==> flow/design.v <==
module mul_unit #(
    parameter BITS = 24
) (
    input  wire clk,
    input  wire resetn,
    input  wire [BITS-1:0] a_in,
    input  wire [BITS-1:0] b_in,
    output wire [2*BITS-1:0] p_out
);
    reg [BITS-1:0] a_ff;
    reg [BITS-1:0] b_ff;
    always @(posedge clk) begin
        if (~resetn) begin
            a_ff <= 0;
            b_ff <= 0;
        end else begin
            a_ff <= a_in;
            b_ff <= b_in;
        end
    end
    localparam H = BITS / 2;
    wire [BITS-1:0] ll;
    half_mul #(.N(H)) u (.a(a_ff[H-1:0]), .b(b_ff[H-1:0]), .p(ll));
    wire [BITS-1:0] lh;
    half_mul #(.N(H)) el (.a(a_ff[H-1:0]), .b(b_ff[BITS-1:H]), .p(lh));
    wire [BITS-1:0] hl;
    half_mul #(.N(H)) i_sub (.a(a_ff[BITS-1:H]), .b(b_ff[H-1:0]), .p(hl));
    wire [BITS-1:0] hh;
    half_mul #(.N(H)) u0 (.a(a_ff[BITS-1:H]), .b(b_ff[BITS-1:H]), .p(hh));
    wire [BITS:0] aux = lh + hl;
    reg [2*BITS-1:0] p_ff;
    always @(posedge clk) begin
        if (~resetn) begin
            p_ff <= 0;
        end else begin
            p_ff <= {hh, ll} + {aux, {H{1'b0}}};
        end
    end
    assign p_out = p_ff;
endmodule
module half_mul #(parameter N = 4) (
    input wire [N-1:0] a,
    input wire [N-1:0] b,
    output wire [2*N-1:0] p
);
    assign p = a * b;
endmodule
# Reports on mul_unit

The steps from the RTL of mul_unit to its reports follow in flow order.
Line numbers count from 1 in the design file above.
Operators: Yosys type, input widths -> output width; for muxes data width and select width s.
Cell names lack the library's common part.
The mark -- stands for no value.

Top: mul_unit
Clock input: clk
Standard-cell library: sky130hd
Library corner: tt_025C_1v80

# Elaborated design

Counts by Yosys on the flattened word-level netlist (proc, flatten, opt, wreduce; memories kept). Register bits leave out memories and registers merged into their read ports (data or address); mux counts leave out enables and synchronous resets folded into registers. Print and check cells are left out. Cells with the same type and inputs are merged into one.

Add/subtract/negate cells: 2
Multipliers: 4
Divide/modulo/power cells: 0
$lt $le $gt $ge: 0
Equal/unequal tests: 0
Shift operators: 0
Multiplexer cells: 0
Bitwise gates (word level): 0
Reductions and logical operators: 0

Operators with widths:

| kind           | number |
| $mul 12x12->24 | 4 |
| $add 48x37->48 | 1 |
| $add 24x24->25 | 1 |

Register bits: 96
Bits in latches: 0
RAM bits: 0
ROM bits: 0
Clocked read ports x word width: 0
Memory cells: 0
Bits of input ports: 50
Output and inout port bits: 48
Word-level cells: 9

# Depth

Depth = most cells in a row (Yosys ltp): at word level without a register or memory, in the mapped netlist without a sequential cell, where the memories' decode and read muxes count.

Depth in word-level cells: 3
ABC_AREA: 0
Depth in mapped cells: 34
Gate-level depth less buffers: 33

# Netlist

Yosys stat after the flow's synthesis: flattened, memories mapped to cells. It holds for the ABC_AREA given above (unset counts as 0); a run with the other value may have another netlist.
Totals and module areas in this step are rounded.

Cell count: 2,564
Synthesis area: 23,000 µm²
Sequential area: 1,900 µm²
Flip-flop cells: 96
Buffers: 110

Cells by type:

| cell type | number | area in all (µm²) |
| fa_1      | 444    | 8.89E+03 |
| ha_1      | 258    | 3.23E+03 |
| inv_1     | 560    | 2.1E+03 |
| and2_1    | 310    | 1,939.36 |
| dfxtp_1   | 96     | 1.92E+03 |
| nand2_1   | 360    | 1.35E+03 |
| xnor2_1   | 46     | 402.886 |
| clkbuf_1  | 103    | 386.621 |
| a21oi_1   | 52     | 260.25 |
| nor2_1    | 69     | 258.998 |
| xor2_1    | 29     | 253.994 |
| a21o_1    | 28     | 210.202 |
| o21ai_0   | 29     | 145.139 |
| nor3_1    | 17     | 85.082 |
| and3_1    | 11     | 68.816 |
| nand4_1   | 10     | 62.56 |
| a211oi_1  | 8      | 60.058 |
| o211ai_1  | 8      | 60.058 |

Not listed: further types 51, cells in them 126.
The figures by module come from a second, unflattened synthesis with its own total; it is not the netlist above.

Cells (unflattened synthesis): 2,849
Area total of the unflattened synthesis: 24,000 µm²

Rows give one instance, submodules left out.

Modules:

| module           | times used | cells | area (µm²) | sequential area (µm²) |
| half_mul #(N=12) | 4          | 576   | 4,800      | 0.0 |
| mul_unit         | 1          | 545   | 5,000      | 1,900 |

# Timing after synthesis

OpenSTA on the mapped netlist: ideal clock, no wires. The path of least setup slack (recovery checks aside). Input and output delay are each 20% of the period. Register names are those of the netlist, which keeps one name where synthesis merged equal registers.

Path kind: register -> register
Start point: register a_ff[8]
End point: register p_ff[47]
Period: 9.83 ns
Library setup time: 0.115 ns
Launch time at the first pin: 0.000 ns
Arrival: 7.751 ns
Required time: 9.715 ns
Slack: 1.963 ns
Path delay: 7.866 ns
Driving pins on the path: 33
Buffers on the path: 1
Synthesis period reached: 7.867 ns

"path delay" = arrival - input delay + setup time.
"driving pins on the path" counts driving pins, that of a launching flip-flop among them; a cell with two outputs on the path counts twice.
"synthesis period reached" = period - worst setup slack (recovery checks aside). The figure is calculated, with input and output delays left at 20% of the set period.
The rows between start and end are the longest chain of elaborated cells between them; the timing report does not say that the signal goes this way. Where chains are equally long, one stands for them.
A line is the first line of the expression or statement that the cell stems from. Yosys adds cells for indexed reads and writes and turns some case tables into memories.

Cell sequence: dfxtp_1 -> clkbuf_1 -> nand2_1 -> fa_1 -> inv_1 -> fa_1 -> inv_1 -> fa_1 -> fa_1 -> inv_1 -> fa_1 -> fa_1 -> inv_1 -> fa_1 -> inv_1 -> ha_1 -> a21o_1 -> a21o_1 -> a21o_1 -> a22oi_1 -> o211ai_1 -> and3_1 -> o21ai_0 -> nor3b_1 -> nor2_1 -> ha_1 -> and2_1 -> and3_1 -> o311ai_1 -> nand4_1 -> nand2_1 -> or4_1 -> and3_1
Length of the longest elaborated chain: 3
Elaborated cells between the ends (all ways): 4
Source lines of those cells: 3
Classes of those cells: add/sub (2); mul (2)

Ends and longest elaborated chain, post-synthesis:

| item               | line | source |
| start: declaration | 10   | `reg [BITS-1:0] a_ff;` |
| start: assignment  | 14   | `a_ff <= 0;` |
| start: assignment  | 17   | `a_ff <= a_in;` |
| $mul 12x12->24     | 46   | `assign p = a * b;` |
| $add 24x24->25     | 30   | `wire [BITS:0] aux = lh + hl;` |
| $add 48x37->48     | 36   | `p_ff <= {hh, ll} + {aux, {H{1'b0}}};` |
| end: assignment    | 34   | `p_ff <= 0;` |
| end: assignment    | 36   |  |
| end: declaration   | 31   | `reg [2*BITS-1:0] p_ff;` |

# Timing after layout

From the final timing report of run 1: the path of least setup slack in the routed layout; clock arrival at registers is part of the times.

Path kind: register -> register
Start point: register a_ff[20]
End point: register p_ff[47]
Period: 9.83 ns
Library setup time: 0.10 ns
Launch time at the first pin: 0.41 ns
Arrival: 9.38 ns
Required time: 10.12 ns
Slack: 0.75 ns
Driving pins on the path: 30
Buffers on the path: 0

The rows between start and end are the longest chain of elaborated cells between them; the timing report does not say that the signal goes this way. Where chains are equally long, one stands for them.

Cell sequence: dfxtp_1 -> nand2_1 -> fa_1 -> inv_1 -> fa_1 -> fa_1 -> fa_1 -> fa_1 -> fa_1 -> inv_1 -> fa_1 -> inv_1 -> ha_1 -> a21o_1 -> a21o_1 -> a21o_1 -> a22oi_1 -> o211ai_1 -> and3_1 -> o21ai_0 -> nor3b_1 -> nor2_1 -> ha_1 -> and2_1 -> and3_1 -> o311ai_1 -> nand4_1 -> nand2_1 -> or4_1 -> and3_1
Length of the longest elaborated chain: 3
Elaborated cells between the ends (all ways): 4
Source lines of those cells: 3
Classes of those cells: add/sub (2); mul (2)

Ends and longest elaborated chain, post-layout:

| item               | line | source |
| start: declaration | 10   | `reg [BITS-1:0] a_ff;` |
| start: assignment  | 14   | `a_ff <= 0;` |
| start: assignment  | 17   | `a_ff <= a_in;` |
| $mul 12x12->24     | 46   | `assign p = a * b;` |
| $add 24x24->25     | 30   | `wire [BITS:0] aux = lh + hl;` |
| $add 48x37->48     | 36   | `p_ff <= {hh, ll} + {aux, {H{1'b0}}};` |
| end: assignment    | 34   | `p_ff <= 0;` |
| end: assignment    | 36   |  |
| end: declaration   | 31   | `reg [2*BITS-1:0] p_ff;` |

Ticket comment

Flow measurements of mul_unit on sky130hd: 3 stored runs with different settings, listed in no order. Input and output delays are each 20% of the period that was set; the output load is 0.01 pF.
"period reached" means the clock period less the worst setup slack. The figure is calculated, with input and output delays left at 20% of the set period.
"critical setup path time": the worst setup path's part of the clock period (all of it between registers, 20% less for each end at a port) less its slack. A launch clock that arrives late makes it longer, a capture clock that arrives late makes it shorter.
"total power after layout": no workload was simulated; the value follows from the tool's default switching activity.
Measured values are rounded.

## Run 1

==> flow/run.sh <==
#!/bin/bash
# the make line also repeats the synthesis and layout settings of config.mk as NAME=value (left out here)
make -C /OpenROAD-flow-scripts/flow DESIGN_CONFIG=/design/flow/config.mk WORK_HOME=/design/flow/orfs CLKGATE_MAP_FILE= finish
==> flow/config.mk <==
export PLATFORM = sky130hd
export DESIGN_NAME = mul_unit
export DESIGN_NICKNAME = mul_unit
export VERILOG_FILES = /design/flow/design.v
export SDC_FILE = /design/flow/constraint.sdc
export NUM_CORES = 4
export LEC_CHECK = 0
export CAP_MARGIN = 20
export CORE_MARGIN = 2
export CORE_UTILIZATION = 40
export SLEW_MARGIN = 20
==> flow/constraint.sdc <==
create_clock -name core_clock -period 9.83 [get_ports {clk}]
set_input_delay 1.9660 -clock core_clock [delete_from_list [all_inputs] [get_ports {clk}]]
set_output_delay 1.9660 -clock core_clock [all_outputs]
set_load 0.01 [all_outputs]

| result of run 1 | value |
|---|---|
| area of the synthesized netlist | 23,000 µm² |
| total power after layout | 3.5 mW |
| setup total negative slack | 0.000 ns |
| smallest hold slack | 0.78 ns |
| standard-cell area after routing | 25,000 µm² |
| overall die area | 59,000 µm² |
| worst setup slack after layout | 0.75 ns |
| critical setup path time | 9.08 ns |
| critical path type | register -> register |
| post-layout utilization | 44 % |
| period reached | 9.084 ns |

## Run 2

==> flow/run.sh <==
#!/bin/bash
# the make line also repeats the synthesis and layout settings of config.mk as NAME=value (left out here)
make -C /OpenROAD-flow-scripts/flow DESIGN_CONFIG=/design/flow/config.mk WORK_HOME=/design/flow/orfs CLKGATE_MAP_FILE= finish
==> flow/config.mk <==
export PLATFORM = sky130hd
export DESIGN_NAME = mul_unit
export DESIGN_NICKNAME = mul_unit
export VERILOG_FILES = /design/flow/design.v
export SDC_FILE = /design/flow/constraint.sdc
export NUM_CORES = 4
export LEC_CHECK = 0
export CAP_MARGIN = 20
export CELL_PAD_IN_SITES_DETAIL_PLACEMENT = 0
export CORE_MARGIN = 2
export CORE_UTILIZATION = 68
export CTS_CLUSTER_DIAMETER = 156
export GPL_ROUTABILITY_DRIVEN = 1
export PLACE_DENSITY = 0.42
export SETUP_SLACK_MARGIN = 1.64
export SLEW_MARGIN = 20
==> flow/constraint.sdc <==
create_clock -name core_clock -period 9.13 [get_ports {clk}]
set_input_delay 1.8260 -clock core_clock [delete_from_list [all_inputs] [get_ports {clk}]]
set_output_delay 1.8260 -clock core_clock [all_outputs]
set_load 0.01 [all_outputs]

| result of run 2 | value |
|---|---|
| worst setup slack after layout | 1.2 ns |
| smallest hold slack | 0.83 ns |
| post-layout utilization | 81 % |
| period reached | 7.963 ns |
| total power after layout | 5.2 mW |
| setup total negative slack | 0.000 ns |
| area of the synthesized netlist | 23,000 µm² |
| overall die area | 35,000 µm² |
| standard-cell area after routing | 27,000 µm² |
| critical setup path time | 7.96 ns |
| critical path type | register -> register |

## Run 3

==> flow/run.sh <==
#!/bin/bash
# the make line also repeats the synthesis and layout settings of config.mk as NAME=value (left out here)
make -C /OpenROAD-flow-scripts/flow DESIGN_CONFIG=/design/flow/config.mk WORK_HOME=/design/flow/orfs CLKGATE_MAP_FILE= finish
==> flow/config.mk <==
export PLATFORM = sky130hd
export DESIGN_NAME = mul_unit
export DESIGN_NICKNAME = mul_unit
export VERILOG_FILES = /design/flow/design.v
export SDC_FILE = /design/flow/constraint.sdc
export NUM_CORES = 4
export LEC_CHECK = 0
export CAP_MARGIN = 0
export CORE_ASPECT_RATIO = 0.98
export CORE_MARGIN = 2
export CORE_UTILIZATION = 24
export CTS_CLUSTER_DIAMETER = 80
export CTS_CLUSTER_SIZE = 42
export MIN_ROUTING_LAYER = met1
export PLACE_DENSITY_LB_ADDON = 0.07
export SETUP_SLACK_MARGIN = 0.92
export SLEW_MARGIN = 20
export TNS_END_PERCENT = 95
==> flow/constraint.sdc <==
create_clock -name core_clock -period 9.4 [get_ports {clk}]
set_input_delay 1.8800 -clock core_clock [delete_from_list [all_inputs] [get_ports {clk}]]
set_output_delay 1.8800 -clock core_clock [all_outputs]
set_load 0.01 [all_outputs]

| result of run 3 | value |
|---|---|
| period reached | 8.171 ns |
| standard-cell area after routing | 26,000 µm² |
| critical setup path time | 8.17 ns |
| critical path type | register -> register |
| setup total negative slack | 0.000 ns |
| worst setup slack after layout | 1.2 ns |
| area of the synthesized netlist | 23,000 µm² |
| smallest hold slack | 0.84 ns |
| total power after layout | 4.0 mW |
| overall die area | 97,000 µm² |
| post-layout utilization | 28 % |
